==> flow/design.v <==
module gen_relation #(
   parameter BITS = 96
) (
   input wire clk_i,
   input wire [BITS-1:0] i_x,
   input wire [BITS-1:0] i_y,
   output reg o_equal
);
   reg [BITS-1:0] x_q;
   reg [BITS-1:0] y_q;
   always @(posedge clk_i) begin
      x_q <= i_x;
      y_q <= i_y;
   end
   wire [BITS-1:0] work = x_q ^ y_q;
   always @(posedge clk_i)
      o_equal <= ~|work;
endmodule
# From RTL to reports: gen_relation
# Tool output for the design above, in the order of the flow.
# Line numbers count from 1 in the design file above.
# A cell with -- has no value.
# design
top_module	gen_relation
clock_port	clk_i
library	sky130hd
corner	tt_025C_1v80

# Word level
# Counts by Yosys on the flattened word-level netlist (proc, flatten, opt, wreduce; memories kept). Register bits leave out memories and registers merged into their read ports (data or address); mux counts leave out enables and synchronous resets folded into registers. Print and check cells are left out. Cells with the same type and inputs are merged into one.
# bits
output_inout_bits	1
ff_bits	193
elab_cells	6
# classes
bitwise	1
n_reduce_logical	2
# op_table
cell	count
bitwise XOR 96 bit	1
OR reduction 96 bit	1
zero test 1 bit	1

# Depth
# Longest topological path by Yosys (ltp), each cell counted once; first at word level (registers and memories cut), then after technology mapping (sequential cells cut; the memories' decode and read muxes count).
# depth
word_depth	3
ABC_AREA	0
depth_mapped	5
ltp_nobuf	5

# After synthesis
# Source: synth_stat.txt of the flow (Yosys; design flattened, memories mapped). It holds for the ABC_AREA given above (unset counts as 0); a run with the other value may have another netlist.
# The area totals of this step are shown rounded.
# mapped
buf_cells	0
cell_count	321
synth_area_um2	4915
ff_cells	193
# by_type
cell	count	type_area_um2
sky130_fd_sc_hd__dfxtp_1	193	3.86E+03
sky130_fd_sc_hd__xnor2_1	64	560.538
sky130_fd_sc_hd__xor2_1	32	280.269
sky130_fd_sc_hd__nand4_1	19	118.864
sky130_fd_sc_hd__nor4_1	11	68.816
sky130_fd_sc_hd__nor4_2	1	12.512
sky130_fd_sc_hd__nor3_2	1	10.01

# Worst setup path after synthesis
# Path of least setup slack by OpenSTA after synthesis, without wires, with an ideal clock, recovery checks aside; 20% of the period is set as input and as output delay. Where synthesis merged equal registers, the netlist keeps one of their names.
# synth_timing
path_type	register to register
startpoint	reg y_q[30]
endpoint	reg o_equal
t_first_pin_ns	0.000
t_required_ns	1.267
stages	6
clock_period_ns	1.34
path_delay_ns	1.074
arrival_ns	1.001
setup_slack_ns	0.266
setup_ns	0.073
synth_period_reached_ns	1.074
# "path_delay_ns" = arrival - input delay + setup time.
# "stages" counts driving pins, that of a launching flip-flop among them; a cell with two outputs on the path counts twice.
# "synth_period_reached_ns" is the clock period less the worst setup slack; recovery checks do not enter. This is arithmetic on one report: input and output delays are still those of the set period (20% each).
# Between the ends stands the longest chain of elaborated cells between them, by number of cells; it is not shown to be the way that was timed. Of several equally long chains one is given.
# Each line given opens the expression or statement behind the cell; cells for indexed reads and writes are added by Yosys, which also makes memories of some case tables.
# synth_via
cell_sequence	sky130_fd_sc_hd__dfxtp_1 -> sky130_fd_sc_hd__xnor2_1 -> sky130_fd_sc_hd__nand4_1 -> sky130_fd_sc_hd__nor4_2 -> sky130_fd_sc_hd__nand4_1 -> sky130_fd_sc_hd__nor3_2
elab_chain_cells	3
cells_between	3
lines_between	2
# synth_rtl
item	line_no	text
from (decl)	10	reg [BITS-1:0] y_q;
from (assign)	13	y_q <= i_y;
bitwise XOR 96 bit	15	wire [BITS-1:0] work = x_q ^ y_q;
OR reduction 96 bit	17	o_equal <= ~|work;
zero test 1 bit	17
to (assign)	17
to (decl)	7	output reg o_equal

# Worst path after layout
# Path of least setup slack in the final report of run 1 (OpenROAD, finished layout, wires in). Where an end is a register, its clock arrival counts in the times.
# layout_timing
path_type	register to register
startpoint	reg y_q[63]
endpoint	reg o_equal
setup_slack_ns	-0.16
arrival_ns	1.84
t_required_ns	1.68
setup_ns	0.07
clock_period_ns	1.34
t_first_pin_ns	0.42
stages	7
# Between the ends stands the longest chain of elaborated cells between them, by number of cells; it is not shown to be the way that was timed. Of several equally long chains one is given.
# layout_via
cell_sequence	sky130_fd_sc_hd__dfxtp_1 -> sky130_fd_sc_hd__xnor2_1 -> sky130_fd_sc_hd__nand4_1 -> sky130_fd_sc_hd__nor4_2 -> sky130_fd_sc_hd__buf_4 -> sky130_fd_sc_hd__nand4_1 -> sky130_fd_sc_hd__nor3_2
elab_chain_cells	3
cells_between	3
lines_between	2
# layout_rtl
item	line_no	text
from (decl)	10	reg [BITS-1:0] y_q;
from (assign)	13	y_q <= i_y;
bitwise XOR 96 bit	15	wire [BITS-1:0] work = x_q ^ y_q;
OR reduction 96 bit	17	o_equal <= ~|work;
zero test 1 bit	17
to (assign)	17
to (decl)	7	output reg o_equal

# 3 stored runs of gen_relation in the flow (synthesis by Yosys, layout by OpenROAD, sky130hd cells), in arbitrary order. Constraints: input delay and output delay 20% of the set period each, output load 0.01 pF.
# "timing.achieved_period_ns": clock period set for the run, less the worst setup slack. It is reckoned from that one timing run; input and output delays stay at 20% of the period that was set.
# "worstPathTime_ns": the worst setup path's part of the clock period (all of it between registers, 20% less for each end at a port) less its slack. A launch clock that arrives late makes it longer, a capture clock that arrives late makes it shorter.
# Values from the reports are rounded here.
# Among the settings, . means not set for that run.
# Among the results, . means that no value is shown for the run.
name,run 1,run 2,run 3
period_ns,1.34,1.41,0.783
CAP_MARGIN,20,20,15
CORE_MARGIN,2,2,2
CORE_UTILIZATION,40,44,64
SLEW_MARGIN,20,25,20
CORE_ASPECT_RATIO,.,1.9,.
CELL_PAD_IN_SITES_GLOBAL_PLACEMENT,.,2,.
CELL_PAD_IN_SITES_DETAIL_PLACEMENT,.,1,.
TNS_END_PERCENT,.,55,90
ABC_AREA,.,1,.
MIN_ROUTING_LAYER,.,met1,.
MAX_ROUTING_LAYER,.,met4,met4
SETUP_SLACK_MARGIN,.,.,0.06
PLACE_DENSITY_LB_ADDON,.,.,0.2
CTS_CLUSTER_DIAMETER,.,.,132
setup_worst_slack_ns,-0.163,0.080,.
design_die_area_um2,13190,13470,.
worstPathTime_ns,1.50,1.33,.
critical_path_type,register to register,register to register,.
layout_utilization_pct,64.1,67.3,.
fin_tns_ns,-0.163,0.000,.
timing.achieved_period_ns,1.503,1.330,.
yosys.chip_area_um2,4915,5507,.
# Run 3: not finished: placement ended with error DPL-0033
